==> flow/design.v <==
module core_selector_top (i_clk, reset, src_0_in, src_1_in, src_2_in, idx_in, result_out);
  parameter integer NBITS = 10;
  input i_clk;
  input reset;
  input [NBITS-1:0] src_0_in;
  input [NBITS-1:0] src_1_in;
  input [NBITS-1:0] src_2_in;
  input [1:0] idx_in;
  output [NBITS-1:0] result_out;
  reg [NBITS-1:0] r_src_0;
  reg [NBITS-1:0] r_src_1;
  reg [NBITS-1:0] r_src_2;
  reg [1:0] r_idx;
  reg [NBITS-1:0] work;
  always @* begin
    casez (r_idx)
      2'b?1: work = r_src_0;
      2'b10: work = r_src_1;
      default: work = r_src_2;
    endcase
  end
  assign result_out = work;
  always @(posedge i_clk or posedge reset) begin
    if (reset) begin
      r_src_0 <= 0;
      r_src_1 <= 0;
      r_src_2 <= 0;
      r_idx <= 0;
    end else begin
      r_src_0 <= src_0_in;
      r_src_1 <= src_1_in;
      r_src_2 <= src_2_in;
      r_idx <= idx_in;
    end
  end
endmodule
# Step by step through the tools: core_selector_top
# Tool output for the members of one design family, told apart by "inputs", in the order of the flow.
# The file above is the member inputs=3. Line numbers count from 1 in each member's own file.
# Cell names lack the library's common part.
# Not given: --
# inputs
design	core_selector_top
clock	i_clk
library	sky130hd
pvt_corner	tt_025C_1v80

# Members of the sweep
# Lines of each other member's file that are new or changed against the file above; lines that a member lacks are not shown.
# changed_lines
inputs	line_no	text
4	1	module core_selector_top (i_clk, reset, src_0_in, src_1_in, src_2_in, src_3_in, idx_in, result_out);
4	8	input [NBITS-1:0] src_3_in;
4	9	input [2:0] idx_in;
4	14	reg [NBITS-1:0] r_src_3;
4	15	reg [2:0] r_idx;
4	19	3'b??1: work = r_src_0;
4	20	3'b?10: work = r_src_1;
4	21	3'b100: work = r_src_2;
4	22	default: work = r_src_3;
4	31	r_src_3 <= 0;
4	37	r_src_3 <= src_3_in;
5	1	module core_selector_top (i_clk, reset, src_0_in, src_1_in, src_2_in, src_3_in, src_4_in, idx_in, result_out);
5	8	input [NBITS-1:0] src_3_in;
5	9	input [NBITS-1:0] src_4_in;
5	10	input [3:0] idx_in;
5	15	reg [NBITS-1:0] r_src_3;
5	16	reg [NBITS-1:0] r_src_4;
5	17	reg [3:0] r_idx;
5	21	4'b???1: work = r_src_0;
5	22	4'b??10: work = r_src_1;
5	23	4'b?100: work = r_src_2;
5	24	4'b1000: work = r_src_3;
5	25	default: work = r_src_4;
5	34	r_src_3 <= 0;
5	35	r_src_4 <= 0;
5	41	r_src_3 <= src_3_in;
5	42	r_src_4 <= src_4_in;
6	1	module core_selector_top (i_clk, reset, src_0_in, src_1_in, src_2_in, src_3_in, src_4_in, src_5_in, idx_in, result_out);
6	8	input [NBITS-1:0] src_3_in;
6	9	input [NBITS-1:0] src_4_in;
6	10	input [NBITS-1:0] src_5_in;
6	11	input [4:0] idx_in;
6	16	reg [NBITS-1:0] r_src_3;
6	17	reg [NBITS-1:0] r_src_4;
6	18	reg [NBITS-1:0] r_src_5;
6	19	reg [4:0] r_idx;
6	23	5'b????1: work = r_src_0;
6	24	5'b???10: work = r_src_1;
6	25	5'b??100: work = r_src_2;
6	26	5'b?1000: work = r_src_3;
6	27	5'b10000: work = r_src_4;
6	28	default: work = r_src_5;
6	37	r_src_3 <= 0;
6	38	r_src_4 <= 0;
6	39	r_src_5 <= 0;
6	45	r_src_3 <= src_3_in;
6	46	r_src_4 <= src_4_in;
6	47	r_src_5 <= src_5_in;
7	1	module core_selector_top (i_clk, reset, src_0_in, src_1_in, src_2_in, src_3_in, src_4_in, src_5_in, src_6_in, idx_in, result_out);
7	8	input [NBITS-1:0] src_3_in;
7	9	input [NBITS-1:0] src_4_in;
7	10	input [NBITS-1:0] src_5_in;
7	11	input [NBITS-1:0] src_6_in;
7	12	input [5:0] idx_in;
7	17	reg [NBITS-1:0] r_src_3;
7	18	reg [NBITS-1:0] r_src_4;
7	19	reg [NBITS-1:0] r_src_5;
7	20	reg [NBITS-1:0] r_src_6;
7	21	reg [5:0] r_idx;
7	25	6'b?????1: work = r_src_0;
7	26	6'b????10: work = r_src_1;
7	27	6'b???100: work = r_src_2;
7	28	6'b??1000: work = r_src_3;
7	29	6'b?10000: work = r_src_4;
7	30	6'b100000: work = r_src_5;
7	31	default: work = r_src_6;
7	40	r_src_3 <= 0;
7	41	r_src_4 <= 0;
7	42	r_src_5 <= 0;
7	43	r_src_6 <= 0;
7	49	r_src_3 <= src_3_in;
7	50	r_src_4 <= src_4_in;
7	51	r_src_5 <= src_5_in;
7	52	r_src_6 <= src_6_in;
10	1	module core_selector_top (i_clk, reset, src_0_in, src_1_in, src_2_in, src_3_in, src_4_in, src_5_in, src_6_in, src_7_in, src_8_in, src_9_in, idx_in, result_out);
10	8	input [NBITS-1:0] src_3_in;
10	9	input [NBITS-1:0] src_4_in;
10	10	input [NBITS-1:0] src_5_in;
10	11	input [NBITS-1:0] src_6_in;
10	12	input [NBITS-1:0] src_7_in;
10	13	input [NBITS-1:0] src_8_in;
10	14	input [NBITS-1:0] src_9_in;
10	15	input [8:0] idx_in;
10	20	reg [NBITS-1:0] r_src_3;
10	21	reg [NBITS-1:0] r_src_4;
10	22	reg [NBITS-1:0] r_src_5;
10	23	reg [NBITS-1:0] r_src_6;
10	24	reg [NBITS-1:0] r_src_7;
10	25	reg [NBITS-1:0] r_src_8;
10	26	reg [NBITS-1:0] r_src_9;
10	27	reg [8:0] r_idx;
10	31	9'b????????1: work = r_src_0;
10	32	9'b???????10: work = r_src_1;
10	33	9'b??????100: work = r_src_2;
10	34	9'b?????1000: work = r_src_3;
10	35	9'b????10000: work = r_src_4;
10	36	9'b???100000: work = r_src_5;
10	37	9'b??1000000: work = r_src_6;
10	38	9'b?10000000: work = r_src_7;
10	39	9'b100000000: work = r_src_8;
10	40	default: work = r_src_9;
10	49	r_src_3 <= 0;
10	50	r_src_4 <= 0;
10	51	r_src_5 <= 0;
10	52	r_src_6 <= 0;
10	53	r_src_7 <= 0;
10	54	r_src_8 <= 0;
10	55	r_src_9 <= 0;
10	61	r_src_3 <= src_3_in;
10	62	r_src_4 <= src_4_in;
10	63	r_src_5 <= src_5_in;
10	64	r_src_6 <= src_6_in;
10	65	r_src_7 <= src_7_in;
10	66	r_src_8 <= src_8_in;
10	67	r_src_9 <= src_9_in;
16	1	module core_selector_top (i_clk, reset, src_0_in, src_1_in, src_2_in, src_3_in, src_4_in, src_5_in, src_6_in, src_7_in, src_8_in, src_9_in, src_10_in, src_11_in, src_12_in, src_13_in, src_14_in, src_15_in, idx_in, result_out);
16	8	input [NBITS-1:0] src_3_in;
16	9	input [NBITS-1:0] src_4_in;
16	10	input [NBITS-1:0] src_5_in;
16	11	input [NBITS-1:0] src_6_in;
16	12	input [NBITS-1:0] src_7_in;
16	13	input [NBITS-1:0] src_8_in;
16	14	input [NBITS-1:0] src_9_in;
16	15	input [NBITS-1:0] src_10_in;
16	16	input [NBITS-1:0] src_11_in;
16	17	input [NBITS-1:0] src_12_in;
16	18	input [NBITS-1:0] src_13_in;
16	19	input [NBITS-1:0] src_14_in;
16	20	input [NBITS-1:0] src_15_in;
16	21	input [14:0] idx_in;
16	26	reg [NBITS-1:0] r_src_3;
16	27	reg [NBITS-1:0] r_src_4;
16	28	reg [NBITS-1:0] r_src_5;
16	29	reg [NBITS-1:0] r_src_6;
16	30	reg [NBITS-1:0] r_src_7;
16	31	reg [NBITS-1:0] r_src_8;
16	32	reg [NBITS-1:0] r_src_9;
16	33	reg [NBITS-1:0] r_src_10;
16	34	reg [NBITS-1:0] r_src_11;
16	35	reg [NBITS-1:0] r_src_12;
16	36	reg [NBITS-1:0] r_src_13;
16	37	reg [NBITS-1:0] r_src_14;
16	38	reg [NBITS-1:0] r_src_15;
16	39	reg [14:0] r_idx;
16	43	15'b??????????????1: work = r_src_0;
16	44	15'b?????????????10: work = r_src_1;
16	45	15'b????????????100: work = r_src_2;
16	46	15'b???????????1000: work = r_src_3;
16	47	15'b??????????10000: work = r_src_4;
16	48	15'b?????????100000: work = r_src_5;
16	49	15'b????????1000000: work = r_src_6;
16	50	15'b???????10000000: work = r_src_7;
16	51	15'b??????100000000: work = r_src_8;
16	52	15'b?????1000000000: work = r_src_9;
16	53	15'b????10000000000: work = r_src_10;
16	54	15'b???100000000000: work = r_src_11;
16	55	15'b??1000000000000: work = r_src_12;
16	56	15'b?10000000000000: work = r_src_13;
16	57	15'b100000000000000: work = r_src_14;
16	58	default: work = r_src_15;
16	67	r_src_3 <= 0;
16	68	r_src_4 <= 0;
16	69	r_src_5 <= 0;
16	70	r_src_6 <= 0;
16	71	r_src_7 <= 0;
16	72	r_src_8 <= 0;
16	73	r_src_9 <= 0;
16	74	r_src_10 <= 0;
16	75	r_src_11 <= 0;
16	76	r_src_12 <= 0;
16	77	r_src_13 <= 0;
16	78	r_src_14 <= 0;
16	79	r_src_15 <= 0;
16	85	r_src_3 <= src_3_in;
16	86	r_src_4 <= src_4_in;
16	87	r_src_5 <= src_5_in;
16	88	r_src_6 <= src_6_in;
16	89	r_src_7 <= src_7_in;
16	90	r_src_8 <= src_8_in;
16	91	r_src_9 <= src_9_in;
16	92	r_src_10 <= src_10_in;
16	93	r_src_11 <= src_11_in;
16	94	r_src_12 <= src_12_in;
16	95	r_src_13 <= src_13_in;
16	96	r_src_14 <= src_14_in;
16	97	r_src_15 <= src_15_in;

# Elaborated design
# Source: Yosys, flattened and elaborated, memories not mapped. Widths are those after wreduce; folded enables and synchronous resets count as part of the registers. Registers that Yosys merges into a memory's read port (data or address) are not register bits. Print and check cells do not count. Equal cells are merged and count once.
# word_totals
inputs	reg_bits	in_bits	output_inout_bits	wordCells
3	32	34	10	6
4	43	45	10	8
5	54	56	10	10
6	65	67	10	12
7	76	78	10	14
10	109	111	10	20
16	175	177	10	32
# op_classes
inputs	eq_ne	n_mux
3	1	1
4	2	1
5	3	1
6	4	1
7	5	1
10	8	1
16	14	1
# ops
inputs	operators
3	1 x 10-bit case mux with 2-bit select; 1 x 2-bit equality test with constant B
4	1 x 10-bit case mux with 3-bit select; 1 x 3-bit equality test with constant B; 1 x 2-bit equality test with constant B
5	1 x 10-bit case mux with 4-bit select; 1 x 4-bit equality test with constant B; 1 x 3-bit equality test with constant B; 1 x 2-bit equality test with constant B
6	1 x 10-bit case mux with 5-bit select; 1 x 5-bit equality test with constant B; 1 x 4-bit equality test with constant B; 1 x 3-bit equality test with constant B; 1 x 2-bit equality test with constant B
7	1 x 10-bit case mux with 6-bit select; 1 x 6-bit equality test with constant B; 1 x 5-bit equality test with constant B; 1 x 4-bit equality test with constant B; 1 x 3-bit equality test with constant B; 1 x 2-bit equality test with constant B
10	1 x 10-bit case mux with 9-bit select; 1 x 9-bit equality test with constant B; 1 x 8-bit equality test with constant B; 1 x 7-bit equality test with constant B; 1 x 6-bit equality test with constant B; 1 x 5-bit equality test with constant B; 1 x 4-bit equality test with constant B; 1 x 3-bit equality test with constant B; 1 x 2-bit equality test with constant B
16	1 x 10-bit case mux with 15-bit select; 1 x 15-bit equality test with constant B; 1 x 14-bit equality test with constant B; 1 x 13-bit equality test with constant B; 1 x 12-bit equality test with constant B; 1 x 11-bit equality test with constant B; 1 x 10-bit equality test with constant B; 1 x 9-bit equality test with constant B; 1 x 8-bit equality test with constant B; 1 x 7-bit equality test with constant B; 1 x 6-bit equality test with constant B; 1 x 5-bit equality test with constant B; 1 x 4-bit equality test with constant B; 1 x 3-bit equality test with constant B; 1 x 2-bit equality test with constant B

# Logic depth
# Depth = most cells in a row (Yosys ltp): at word level without a register or memory, in the mapped netlist without a sequential cell, where the memories' decode and read muxes count.
# depth
inputs	ltp_word	abc_area	ltp_mapped	ltp_nobuf
3	2	0	3	2
4	2	0	4	3
5	2	0	4	3
6	2	0	4	3
7	2	0	5	4
10	2	0	5	4
16	2	0	6	4

# Mapped cells and area
# Source: synth_stat.txt of the flow (Yosys; design flattened, memories mapped). It holds for the ABC_AREA given above (unset counts as 0); a run with the other value may have another netlist.
# Totals and module areas in this step are rounded.
# types
inputs	type_list
3	32 x dfrtp_1; 10 x mux2i_1; 9 x o21ai_1; 10 x nand2_1; 1 x buf_6; 2 x buf_2; 1 x o21ai_2; 1 x inv_1
4	43 x dfrtp_1; 10 x a221o_1; 10 x nor2_2; 10 x a21oi_1; 11 x inv_1; 10 x nand2_1; 10 x nor2_1; 2 x buf_6; 3 x clkbuf_1; 1 x or3_1; 1 x buf_2
5	54 x dfrtp_1; 10 x a22o_1; 10 x nand3b_1; 9 x a31oi_1; 10 x a21oi_1; 11 x inv_1; 10 x nand2_1; 9 x nor2_1; 1 x nor4b_4; 4 x buf_2; 1 x a31oi_2; 1 x buf_6; 1 x or4_4; 2 x clkbuf_1; 1 x nor2_2
6	65 x dfrtp_1; 10 x a2bb2oi_2; 10 x a22o_1; 10 x a22oi_1; 10 x nand3b_1; 11 x nand2b_1; 10 x a21oi_1; 11 x inv_1; 5 x buf_2; 1 x nor4b_4; 1 x nor4_2; 3 x clkbuf_1
7	76 x dfrtp_1; 10 x a221o_1; 9 x a222oi_1; 10 x a31oi_1; 9 x o21ai_0; 11 x nor2_1; 1 x nor4b_4; 1 x nor4_4; 4 x buf_2; 2 x a22oi_1; 1 x buf_6; 1 x and3b_1; 2 x inv_1; 2 x nand2_1; 1 x and2_1; 1 x nand2b_1; 1 x nor2b_1; 1 x clkbuf_1
10	109 x dfrtp_1; 20 x a32oi_1; 30 x a21oi_1; 30 x nand2_1; 10 x a32o_1; 20 x o21ai_0; 10 x nand2b_1; 12 x clkbuf_1; 11 x inv_1; 1 x nor4_4; 1 x nor4b_2; 1 x nor4_2; 1 x or4_4; 1 x nor3_2; 1 x or3b_2; 1 x nor2b_1; 1 x nor4_1; 1 x or3_1; [+2]
16	175 x dfrtp_1; 32 x nand3b_1; 27 x a21oi_1; 31 x nand2_1; 8 x o32a_2; 23 x clkbuf_1; 8 x a221o_1; 8 x a32o_1; 8 x o211a_1; 8 x a211o_1; 9 x nor3b_1; 10 x nor2b_1; 8 x a21o_1; 8 x o31ai_1; 9 x a31oi_1; 12 x inv_1; 2 x o41a_1; 2 x or4_4; [+32]
# A list marked [+n] leaves out that many cells.
# synth_totals
inputs	stdcells	mapped_area_um2	seqArea_um2	flip_flops	buf_cells
3	66	1020	801	32	3
4	111	1450	1080	43	6
5	134	1830	1350	54	7
6	147	2250	1630	65	8
7	143	2380	1900	76	6
10	263	3620	2730	109	14
16	420	5990	4380	175	27

# Path before layout
# Source: OpenSTA report_checks on the synthesized netlist (no wires, ideal clock, input and output delay 20% of the period each), path of least setup slack; recovery checks are left aside. Register names are those of the netlist, which keeps one name where synthesis merged equal registers.
# synth_timing
inputs	path_type	from	to	period_ns	setup_slack_ns	path_stages	path_delay_ns	period_less_setup_slack_ns
3	reg-to-output	register r_idx[1]	output result_out[0]	1.27	0.206	4	0.810	1.064
4	reg-to-output	register r_idx[1]	output result_out[0]	1.65	0.261	4	1.059	1.389
5	reg-to-output	register r_idx[2]	output result_out[0]	2.03	0.322	4	1.302	1.708
6	reg-to-output	register r_idx[1]	output result_out[0]	1.94	0.310	4	1.242	1.63
7	reg-to-output	register r_idx[2]	output result_out[0]	2.2	0.350	6	1.410	1.85
10	reg-to-output	register r_idx[1]	output result_out[0]	2.79	0.445	5	1.787	2.345
16	reg-to-output	register r_idx[0]	output result_out[0]	3.27	0.524	7	2.092	2.746
# "path_delay_ns" = arrival - input delay + setup time.
# At an output port there is no setup time.
# "path_stages" counts driving pins, that of a launching flip-flop among them; a cell with two outputs on the path counts twice.
# "period_less_setup_slack_ns" is the clock period less the worst setup slack; recovery checks do not enter. This is arithmetic on one report: input and output delays are still those of the set period (20% each).
# The rows between start and end are the longest chain of elaborated cells between them; the timing report does not say that the signal goes this way. Where chains are equally long, one stands for them.
# A line is the first line of the expression or statement that the cell stems from. Yosys adds cells for indexed reads and writes and turns some case tables into memories.
# synth_between_inputs_3
elab_chain_len	2
# synth_lines_inputs_3
item	line_no	text
start: declaration	13	reg [1:0] r_idx;
start: assignment	28	r_idx <= 0;
start: assignment	33	r_idx <= idx_in;
2-bit equality test	16	casez (r_idx)
10-bit case mux with 2-bit select	16
end: declaration	9	output [NBITS-1:0] result_out;
# synth_between_inputs_16
elab_chain_len	2
# synth_lines_inputs_16
item	line_no	text
start: declaration	39	reg [14:0] r_idx;
start: assignment	80	r_idx <= 0;
start: assignment	98	r_idx <= idx_in;
15-bit equality test	42	casez (r_idx)
10-bit case mux with 15-bit select	42
end: declaration	22	output [NBITS-1:0] result_out;

# Worst path after layout
# Path of least setup slack in the final report of each member's run (OpenROAD, finished layout, wires in). Where an end is a register, its clock arrival counts in the times.
# layout_timing
inputs	path_type	from	to	period_ns	setup_slack_ns	path_stages	arrival_ns	n_path_buf
3	reg-to-output	register r_idx[1]	output result_out[9]	1.27	-0.26	5	1.28	2
4	reg-to-output	register r_idx[2]	output result_out[4]	1.65	-0.26	6	1.58	2
5	reg-to-output	register r_idx[1]	output result_out[7]	2.03	-0.16	6	1.78	2
6	reg-to-output	register r_idx[0]	output result_out[5]	1.94	-0.28	7	1.83	3
7	reg-to-output	register r_idx[3]	output result_out[1]	2.2	-0.16	7	1.92	2
10	reg-to-output	register r_idx[1]	output result_out[3]	2.79	0.02	7	2.21	2
16	reg-to-output	register r_idx[5]	output result_out[1]	3.27	-0.06	7	2.68	2

# Flow runs
# One run of the flow (Yosys, OpenROAD) for each member, with settings and measured results. Input and output delays are each 20% of the period that was set; the output load is 0.01 pF.
# settings
CAP_MARGIN	20
CORE_MARGIN	2
CORE_UTILIZATION	40
SLEW_MARGIN	20
# settings_by_member
inputs	period_ns
3	1.27
4	1.65
5	2.03
6	1.94
7	2.2
10	2.79
16	3.27
# results
inputs	ys_area_um2	design.die.area_um2	util_pct	setup_worst_slack_ns	tns_setup_ns	totalPower_uw
3	1020	2960	62.7	-0.259	-2.23	1880
4	1450	4120	64.1	-0.260	-2.52	1950
5	1830	5120	61.5	-0.160	-1.20	2100
6	2250	6230	64.9	-0.278	-2.39	3060
7	2380	6580	62.3	-0.156	-1.21	2710
10	3620	9830	60.1	0.018	0.000	2870
16	5990	16000	60.4	-0.064	-0.492	4800
# "totalPower_uw" is the tool's figure for a default switching activity; nothing was simulated.
# The results are shown rounded.
